==> flow/design.v <==
module alu_cmp #(
    parameter NBITS = 14
) (
    input aclk,
    input en,
    input signed [NBITS-1:0] op_a,
    input signed [NBITS-1:0] op_b,
    output below,
    output a_eq_b,
    output a_gt_b
);
    reg signed [NBITS-1:0] op_a_ff;
    reg signed [NBITS-1:0] op_b_ff;
    always @(posedge aclk) begin
        if (en) begin
            op_a_ff <= op_a;
            op_b_ff <= op_b;
        end
    end
    assign below = (op_a_ff < op_b_ff);
    assign a_eq_b = (op_a_ff == op_b_ff);
    assign a_gt_b = (op_a_ff > op_b_ff);
endmodule
Subject: tool reports on alu_cmp

Hi,

==> From RTL to reports: alu_cmp <==
A sweep over "NBITS": the same steps for each member of the family.
The RTL above is that of NBITS = 14; lines are counted from 1 in the file of the member named.
Operators carry their Yosys type and port widths (W data, S select, Z words).
Cell names lack the library's common part.
{ "design": {"top": "alu_cmp", "clk_port": "aclk", "library": "sky130hd", "lib_corner": "tt_025C_1v80"} }

==> Members of the sweep <==
Lines of each other member's file that are new or changed against the file above; lines that a member lacks are not shown.
{ "changed_lines": {"columns": ["NBITS", "line_no", "source"], "rows": [
  [16, 2, "parameter NBITS = 16"],
  [28, 2, "parameter NBITS = 28"],
  [36, 2, "parameter NBITS = 36"],
  [56, 2, "parameter NBITS = 56"],
  [80, 2, "parameter NBITS = 80"]
]} }

==> After elaboration <==
Source: Yosys, flattened and elaborated, memories not mapped. Widths are those after wreduce; folded enables and synchronous resets count as part of the registers. Registers that Yosys merges into a memory's read port (data or address) are not register bits. Print and check cells do not count. Equal cells are merged and count once.
{ "bits": {"columns": ["NBITS", "register_bits", "word_cells"], "rows": [
  [14, 28, 5],
  [16, 32, 5],
  [28, 56, 5],
  [36, 72, 5],
  [56, 112, 5],
  [80, 160, 5]
]} }
{ "classes": {"columns": ["NBITS", "cmp", "eq_ne"], "rows": [
  [14, 2, 1],
  [16, 2, 1],
  [28, 2, 1],
  [36, 2, 1],
  [56, 2, 1],
  [80, 2, 1]
]} }
{ "op_table": {"columns": ["NBITS", "operators"], "rows": [
  [14, "$gt A14 B14 Y1: 1; $lt A14 B14 Y1: 1; $eq A14 B14 Y1: 1"],
  [16, "$gt A16 B16 Y1: 1; $lt A16 B16 Y1: 1; $eq A16 B16 Y1: 1"],
  [28, "$gt A28 B28 Y1: 1; $lt A28 B28 Y1: 1; $eq A28 B28 Y1: 1"],
  [36, "$gt A36 B36 Y1: 1; $lt A36 B36 Y1: 1; $eq A36 B36 Y1: 1"],
  [56, "$gt A56 B56 Y1: 1; $lt A56 B56 Y1: 1; $eq A56 B56 Y1: 1"],
  [80, "$gt A80 B80 Y1: 1; $lt A80 B80 Y1: 1; $eq A80 B80 Y1: 1"]
]} }

==> Logic depth <==
Depth = most cells in a row (Yosys ltp): at word level without a register or memory, in the mapped netlist without a sequential cell, where the memories' decode and read muxes count.
{ "logic_depth": {"columns": ["NBITS", "word_depth", "ABC_AREA", "depth_mapped", "mapped_depth_nobuf"], "rows": [
  [14, 1, 0, 7, 7],
  [16, 1, 0, 7, 7],
  [28, 1, 0, 8, 8],
  [36, 1, 0, 8, 8],
  [56, 1, 0, 9, 9],
  [80, 1, 0, 9, 9]
]} }

==> Mapped cells and area <==
Yosys stat after the flow's synthesis: flattened, memories mapped to cells. It holds for the ABC_AREA given above (unset counts as 0); a run with the other value may have another netlist.
{ "mapped": {"columns": ["NBITS", "mapped_cells", "area_um2", "ff_cells"], "rows": [
  [14, 80, 1224.9, 28],
  [16, 95, 1397.6, 32],
  [28, 162, 2442.3, 56],
  [36, 210, 3140.5, 72],
  [56, 315, 4805.9, 112],
  [80, 452, 6854.1, 160]
]} }
{ "types": {"columns": ["NBITS", "type_list"], "rows": [
  [14, "edfxtp_1: 28; ha_1: 14; inv_1: 15; a21oi_1: 7; a211oi_2: 1; nand4_1: 2; nand4_2: 1; nor4_2: 1; nand2_1: 3; mux2i_1: 1; o221ai_1: 1; xnor2_1: 1; a21o_1: 1; or2b_1: 1; nand3_1: 1; o21ai_0: 1; nor2_1: 1"],
  [16, "edfxtp_1: 32; ha_1: 16; inv_1: 18; nand2_1: 8; a21oi_1: 5; mux2i_1: 2; a21o_1: 2; nand4_2: 1; a2111oi_0: 1; a211o_1: 1; nand3b_1: 1; nor2_1: 2; nand4_1: 1; nor4_1: 1; or3_1: 1; nand3_1: 1; nor3_1: 1; o21ai_0: 1"],
  [28, "edfxtp_1: 56; ha_1: 28; inv_1: 29; a21oi_1: 14; nand4_1: 6; nand2_1: 8; o21ai_0: 3; o21ai_1: 3; nor2b_4: 1; a31oi_2: 1; nand4_2: 1; nor4_2: 1; o211ai_2: 1; mux2i_1: 1; nor3_1: 2; a221oi_1: 1; nand2b_2: 1; xnor2_1: 1; (+4)"],
  [36, "edfxtp_1: 72; ha_1: 36; inv_1: 39; a21oi_1: 17; nand4_1: 7; nand2_1: 11; o21ai_0: 5; nor4_4: 1; a221oi_2: 1; nand3_1: 3; o21a_1: 2; o221ai_2: 1; nand4_2: 1; a21boi_2: 1; nor2_1: 3; nand3_2: 1; nor3_1: 2; a221oi_1: 1; (+6)"],
  [56, "edfxtp_1: 112; ha_1: 56; inv_1: 56; a21oi_1: 25; nand4_1: 14; nand2_1: 12; nand3_1: 6; o21ai_1: 4; a2111oi_2: 1; a21o_1: 2; o21ai_0: 3; a211oi_2: 1; nor4_1: 2; o31ai_2: 1; nor2_1: 3; nor3_1: 2; nor3_2: 1; a211o_1: 1; (+13)"],
  [80, "edfxtp_1: 160; ha_1: 80; inv_1: 85; a21oi_1: 29; nand2_1: 23; nand4_1: 11; o21ai_0: 10; a21o_1: 6; a221oi_1: 4; and4_1: 4; nor2_1: 8; nand3_1: 5; and4_2: 2; nor3_1: 4; o221ai_1: 2; a211oi_1: 2; o211ai_1: 2; a211oi_2: 1; (+14)"]
]} }
The mark (+n) counts cells that are not listed.

==> Timing after synthesis <==
Source: OpenSTA report_checks on the synthesized netlist (no wires, ideal clock, input and output delay 20% of the period each), path of least setup slack; recovery checks are left aside. Register names are those of the netlist, which keeps one name where synthesis merged equal registers.
{ "synth_timing": {"columns": ["NBITS", "path_type", "start", "end", "tclk_ns", "path_slack_ns", "driving_pins", "delay_ns", "synth_period_reached_ns"], "rows": [
  [14, "register to output", "reg op_a_ff[5]", "out a_gt_b", 2.42, 0.387, 6, 1.549, 2.033],
  [16, "register to output", "reg op_a_ff[15]", "out a_gt_b", 2.72, 0.437, 7, 1.739, 2.283],
  [28, "register to output", "reg op_a_ff[1]", "out a_gt_b", 2.81, 0.452, 8, 1.796, 2.358],
  [36, "register to output", "reg op_a_ff[11]", "out below", 2.83, 0.452, 8, 1.812, 2.378],
  [56, "register to output", "reg op_a_ff[15]", "out a_gt_b", 3.34, 0.534, 9, 2.138, 2.806],
  [80, "register to output", "reg op_a_ff[69]", "out a_gt_b", 3.22, 0.516, 9, 2.060, 2.704]
]} }
"delay_ns" is the arrival time less input delay plus setup time.
A path that ends at an output port has no setup time.
"driving_pins": output pins that drive a net of the path, with the launching flip-flop's if there is one; two outputs of one cell count as two.
"synth_period_reached_ns" = period - worst setup slack (recovery checks aside). The figure is calculated, with input and output delays left at 20% of the set period.
The rows between start and end are the longest chain of elaborated cells between them; the timing report does not say that the signal goes this way. Where chains are equally long, one stands for them.
Each line given opens the expression or statement behind the cell; cells for indexed reads and writes are added by Yosys, which also makes memories of some case tables.
{ "synth_between_NBITS_14": {"elab_chain_cells": 1} }
{ "synth_rtl_NBITS_14": {"columns": ["item", "line_no", "source"], "rows": [
  ["from (decl)", 12, "reg signed [NBITS-1:0] op_a_ff;"],
  ["from (assign)", 16, "op_a_ff <= op_a;"],
  ["$gt A14 B14 Y1", 22, "assign a_gt_b = (op_a_ff > op_b_ff);"],
  ["to (decl)", 10, "output a_gt_b"]
]} }
{ "synth_between_NBITS_80": {"elab_chain_cells": 1} }
{ "synth_rtl_NBITS_80": {"columns": ["item", "line_no", "source"], "rows": [
  ["from (decl)", 12, "reg signed [NBITS-1:0] op_a_ff;"],
  ["from (assign)", 16, "op_a_ff <= op_a;"],
  ["$gt A80 B80 Y1", 22, "assign a_gt_b = (op_a_ff > op_b_ff);"],
  ["to (decl)", 10, "output a_gt_b"]
]} }

==> Path in the finished layout <==
Path of least setup slack in the final report of the run of each member (OpenROAD, finished layout, wires in). Where an end is a register, its clock arrival counts in the times.
{ "layout_timing": {"columns": ["NBITS", "path_type", "start", "end", "tclk_ns", "path_slack_ns", "driving_pins", "arrival_ns", "n_path_buf"], "rows": [
  [14, "register to output", "reg op_b_ff[1]", "out a_gt_b", 2.42, -0.10, 9, 2.04, 2],
  [16, "register to output", "reg op_b_ff[13]", "out a_gt_b", 2.72, -0.08, 10, 2.25, 2],
  [28, "register to output", "reg op_a_ff[1]", "out a_gt_b", 2.81, 0.04, 9, 2.21, 1],
  [36, "register to output", "reg op_b_ff[19]", "out below", 2.83, -0.10, 10, 2.37, 1],
  [56, "register to output", "reg op_b_ff[23]", "out a_gt_b", 3.34, 0.02, 11, 2.65, 1],
  [80, "register to output", "reg op_a_ff[65]", "out below", 3.22, -0.17, 11, 2.74, 2]
]} }

==> Measured runs <==
One run of the flow (Yosys, OpenROAD) for each member, with settings and measured results. Input and output delays are each 20% of the period that was set; the output load is 0.01 pF.
{ "flow_settings": {"CAP_MARGIN": 20, "CORE_MARGIN": 2, "CORE_UTILIZATION": 40, "SLEW_MARGIN": 20} }
{ "settings_diff": {"columns": ["NBITS", "period_ns"], "rows": [
  [14, 2.42],
  [16, 2.72],
  [28, 2.81],
  [36, 2.83],
  [56, 3.34],
  [80, 3.22]
]} }
{ "results": {"columns": ["NBITS", "ys_area_um2", "dieArea_um2", "finalCellArea_um2", "final_util_pct", "timing.setup.ws_ns", "final_setup_tns_ns", "fin_hold_ws_ns", "period_less_ws_ns"], "rows": [
  [14, 1224.9, 3521.2, 1774.2, 59.6, -0.103, -0.128, 0.700, 2.523],
  [16, 1397.6, 3982.9, 2030.7, 60.9, -0.078, -0.078, 0.770, 2.798],
  [28, 2442.3, 6747.0, 3296.9, 55.7, 0.037, 0.000, 0.812, 2.773],
  [36, 3140.5, 8575.7, 4453.0, 58.2, -0.103, -0.168, 0.681, 2.933],
  [56, 4805.9, 12907.2, 6769.0, 57.1, 0.021, 0.000, 0.799, 3.319],
  [80, 6854.1, 18198.0, 9649.2, 58.0, -0.166, -0.307, 0.672, 3.386]
]} }
"period_less_ws_ns" is the run's clock period less its worst setup slack. It is reckoned from that one timing run; input and output delays stay at 20% of the period that was set.

Regards
